==> flow/design.v <==
module gen_relation #(
   parameter BITS = 28
) (
   input wire clk_i,
   input wire [BITS-1:0] i_x,
   input wire [BITS-1:0] i_y,
   output reg o_equal
);
   reg [BITS-1:0] x_q;
   reg [BITS-1:0] y_q;
   always @(posedge clk_i) begin
      x_q <= i_x;
      y_q <= i_y;
   end
   wire [BITS-1:0] work = x_q ^ y_q;
   always @(posedge clk_i)
      o_equal <= ~|work;
endmodule
=== Step by step through the tools: gen_relation ===
The steps from the RTL of gen_relation to its reports follow in flow order.
Line numbers count from 1 in the design file above.
Operators carry their Yosys type and port widths (W data, S select, Z words).
Cell names lack the library's common part.
A cell with n/a has no value.

* Design top: gen_relation
* Clock port: clk_i
* Cell library: sky130hd
* Timing corner: tt_025C_1v80

=== Word level ===
Source: Yosys, flattened and elaborated, memories not mapped. Widths are those after wreduce; folded enables and synchronous resets count as part of the registers. Registers that Yosys merges into a memory's read port (data or address) are not register bits. Print and check cells do not count. Equal cells are merged and count once.

* Mux-type cells: 0
* Eq/ne operators: 0
* Reduce/logical cells: 2
* $add $sub $neg: 0
* Shift-type cells: 0
* $mul: 0
* Bitwise gates (word level): 1
* Div/mod/pow operators: 0
* Order comparisons: 0

{| class="wikitable"
|+ Operators by type and width
! cell !! count
|-
| $xor A28 B28 Y28 || 1
|-
| $reduce_or A28 Y1 || 1
|-
| $logic_not A1 Y1 || 1
|}

* RAM bits: 0
* Bits in latches: 0
* ROM bits: 0
* Elaborated cells: 6
* Word width x clocked read ports: 0
* Memories kept: 0
* Output and inout port bits: 1
* Register bits after elaboration: 57
* Input bits: 57

=== Depth ===
Longest topological path by Yosys (ltp), each cell counted once; first at word level (registers and memories cut), then after technology mapping (sequential cells cut; the memories' decode and read muxes count).

* Depth after elaboration: 3
* ABC_AREA: 0
* Depth in mapped cells: 4
* Depth with buffers taken out: 4

=== Mapped cells and area ===
The flow's flattened synthesis, as Yosys stat reports it; memories are mapped. The netlist is that of the ABC_AREA named above (0 if unset); the other value can give another one.
The area totals of this step are shown rounded.

{| class="wikitable"
|+ Cells by type
! type !! count !! area in all (sq um)
|-
| dfxtp_1 || 57 || 1.14E+03
|-
| xor2_1 || 16 || 140.134
|-
| xnor2_1 || 12 || 105.101
|-
| nand4_1 || 4 || 25.024
|-
| nor4_1 || 4 || 25.024
|-
| nor4_2 || 1 || 12.512
|}

* Mapped flip-flops: 57
* Area of sequential cells: 1,140 sq um
* Cells in the netlist: 94
* Mapped area: 1,450 sq um
* Buffers: 0

=== Timing after synthesis ===
Source: OpenSTA report_checks on the synthesized netlist (no wires, ideal clock, input and output delay 20% of the period each), path of least setup slack; recovery checks are left aside. Register names are those of the netlist, which keeps one name where synthesis merged equal registers.

* Path type: reg2reg
* From: reg y_q[19]
* To: reg o_equal
* Delay of the path: 1.017 ns
* Driving pins on the path: 5
* Setup time: 0.088 ns
* Period: 1.27 ns
* Arrival time: 0.929 ns
* Path slack: 0.253 ns
* Launch time at the first pin: 0.000 ns
* Path buffers: 0
* Data required time: 1.182 ns
* Synthesis period reached: 1.017 ns

"delay of the path" is the arrival time less input delay plus setup time.
"driving pins on the path" counts driving pins, that of a launching flip-flop among them; a cell with two outputs on the path counts twice.
"synthesis period reached" = period - worst setup slack (recovery checks aside). The figure is calculated, with input and output delays left at 20% of the set period.
The rows between start and end are the longest chain of elaborated cells between them; the timing report does not say that the signal goes this way. Where chains are equally long, one stands for them.
Each line given opens the expression or statement behind the cell; cells for indexed reads and writes are added by Yosys, which also makes memories of some case tables.

* Cell sequence: dfxtp_1 > xor2_1 > nor4_1 > nand4_1 > nor4_2
* Length of the longest elaborated chain: 3
* Elaborated cells on any way between the ends: 3
* RTL lines with such cells: 2
* Those cells by class: 1 x logic; 2 x reduce/logical

{| class="wikitable"
|+ RTL lines, path after synthesis
! what !! RTL line !! source
|-
| start: declaration || 10 || <nowiki>reg [BITS-1:0] y_q;</nowiki>
|-
| start: assignment || 13 || <nowiki>y_q <= i_y;</nowiki>
|-
| $xor A28 B28 Y28 || 15 || <nowiki>wire [BITS-1:0] work = x_q ^ y_q;</nowiki>
|-
| $reduce_or A28 Y1 || 17 || <nowiki>o_equal <= ~|work;</nowiki>
|-
| $logic_not A1 Y1 || 17 ||
|-
| end: assignment || 17 ||
|-
| end: declaration || 7 || <nowiki>output reg o_equal</nowiki>
|}

=== Worst path after layout ===
From the final timing report of flow run A: the path of least setup slack in the routed layout; clock arrival at registers is part of the times.

* Path type: reg2reg
* From: reg y_q[19]
* To: reg o_equal
* Period: 0.935 ns
* Arrival time: 1.46 ns
* Path buffers: 0
* Launch time at the first pin: 0.32 ns
* Driving pins on the path: 5
* Path slack: -0.29 ns
* Setup time: 0.08 ns
* Data required time: 1.18 ns

The rows between start and end are the longest chain of elaborated cells between them; the timing report does not say that the signal goes this way. Where chains are equally long, one stands for them.

* Cell sequence: dfxtp_1 > xor2_1 > nor4_2 > nand4_1 > nor4_2
* Length of the longest elaborated chain: 3
* Elaborated cells on any way between the ends: 3
* RTL lines with such cells: 2
* Those cells by class: 1 x logic; 2 x reduce/logical

{| class="wikitable"
|+ RTL lines, path post-layout
! what !! RTL line !! source
|-
| start: declaration || 10 || <nowiki>reg [BITS-1:0] y_q;</nowiki>
|-
| start: assignment || 13 || <nowiki>y_q <= i_y;</nowiki>
|-
| $xor A28 B28 Y28 || 15 || <nowiki>wire [BITS-1:0] work = x_q ^ y_q;</nowiki>
|-
| $reduce_or A28 Y1 || 17 || <nowiki>o_equal <= ~|work;</nowiki>
|-
| $logic_not A1 Y1 || 17 ||
|-
| end: assignment || 17 ||
|-
| end: declaration || 7 || <nowiki>output reg o_equal</nowiki>
|}

Below are 3 stored runs of the flow (Yosys, OpenROAD; platform sky130hd) on gen_relation, each with its settings and what was measured, unordered. Constraints: input delay and output delay 20% of the set period each, output load 0.01 pF.
By "clock period achieved" is meant the clock period of the run minus its worst setup slack. This is arithmetic on one report: input and output delays are still those of the set period (20% each).
By "time of the worst setup path" is meant the share of the clock period that the worst setup path is allowed (20% is reserved at inputs, 20% at outputs), minus its slack. Clock arrival times at its registers enter into it.
"overall power": no workload was simulated; the value follows from the tool's default switching activity.
Results are given in rounded form.

=== Flow run A ===
{| class="wikitable"
! Setting !! Value
|-
| period_ns || 0.935
|-
| CORE_UTILIZATION || 32
|-
| PLACE_DENSITY_LB_ADDON || 0.24
|-
| CORE_ASPECT_RATIO || 0.99
|-
| CORE_MARGIN || 8
|-
| CELL_PAD_IN_SITES_DETAIL_PLACEMENT || 2
|-
| TNS_END_PERCENT || 5
|-
| CTS_CLUSTER_SIZE || 87
|-
| CAP_MARGIN || 10
|-
| SLEW_MARGIN || 20
|-
! Result !! Value
|-
| Area of the synthesized netlist || 1,450 sq um
|-
| Die footprint || 6,940 sq um
|-
| Clock period achieved || 1.222 ns
|-
| Time of the worst setup path || 1.22 ns
|-
| Worst path kind || reg2reg
|-
| Total negative slack || -0.435 ns
|-
| Post-route utilization || 0.52
|-
| Worst slack on setup checks || -0.287 ns
|-
| Overall power || 4,990 µW
|-
| Post-route worst hold slack || 0.303 ns
|-
| Standard-cell area after routing || 2,280 sq um
|}

=== Flow run B ===
{| class="wikitable"
! Setting !! Value
|-
| period_ns || 1.27
|-
| CAP_MARGIN || 20
|-
| CORE_MARGIN || 2
|-
| CORE_UTILIZATION || 40
|-
| SLEW_MARGIN || 20
|-
! Result !! Value
|-
| Area of the synthesized netlist || 1,450 sq um
|-
| Die footprint || 4,120 sq um
|-
| Clock period achieved || 1.176 ns
|-
| Time of the worst setup path || 1.18 ns
|-
| Worst path kind || reg2reg
|-
| Total negative slack || 0.000 ns
|-
| Post-route utilization || 0.645
|-
| Worst slack on setup checks || 0.094 ns
|-
| Overall power || 3,280 µW
|-
| Post-route worst hold slack || 0.314 ns
|-
| Standard-cell area after routing || 2,200 sq um
|}

=== Flow run C ===
{| class="wikitable"
! Setting !! Value
|-
| period_ns || 1.03
|-
| CORE_UTILIZATION || 43
|-
| CORE_MARGIN || 10
|-
| CELL_PAD_IN_SITES_DETAIL_PLACEMENT || 1
|-
| TNS_END_PERCENT || 70
|-
| CTS_CLUSTER_SIZE || 68
|-
| CAP_MARGIN || 20
|-
| MAX_ROUTING_LAYER || met5
|-
| SLEW_MARGIN || 20
|-
! Result !! Value
|-
| Area of the synthesized netlist || 1,450 sq um
|-
| Die footprint || 6,090 sq um
|-
| Clock period achieved || 1.200 ns
|-
| Time of the worst setup path || 1.20 ns
|-
| Worst path kind || reg2reg
|-
| Total negative slack || -0.296 ns
|-
| Post-route utilization || 0.671
|-
| Worst slack on setup checks || -0.170 ns
|-
| Overall power || 4,020 µW
|-
| Post-route worst hold slack || 0.264 ns
|-
| Standard-cell area after routing || 2,200 sq um
|}
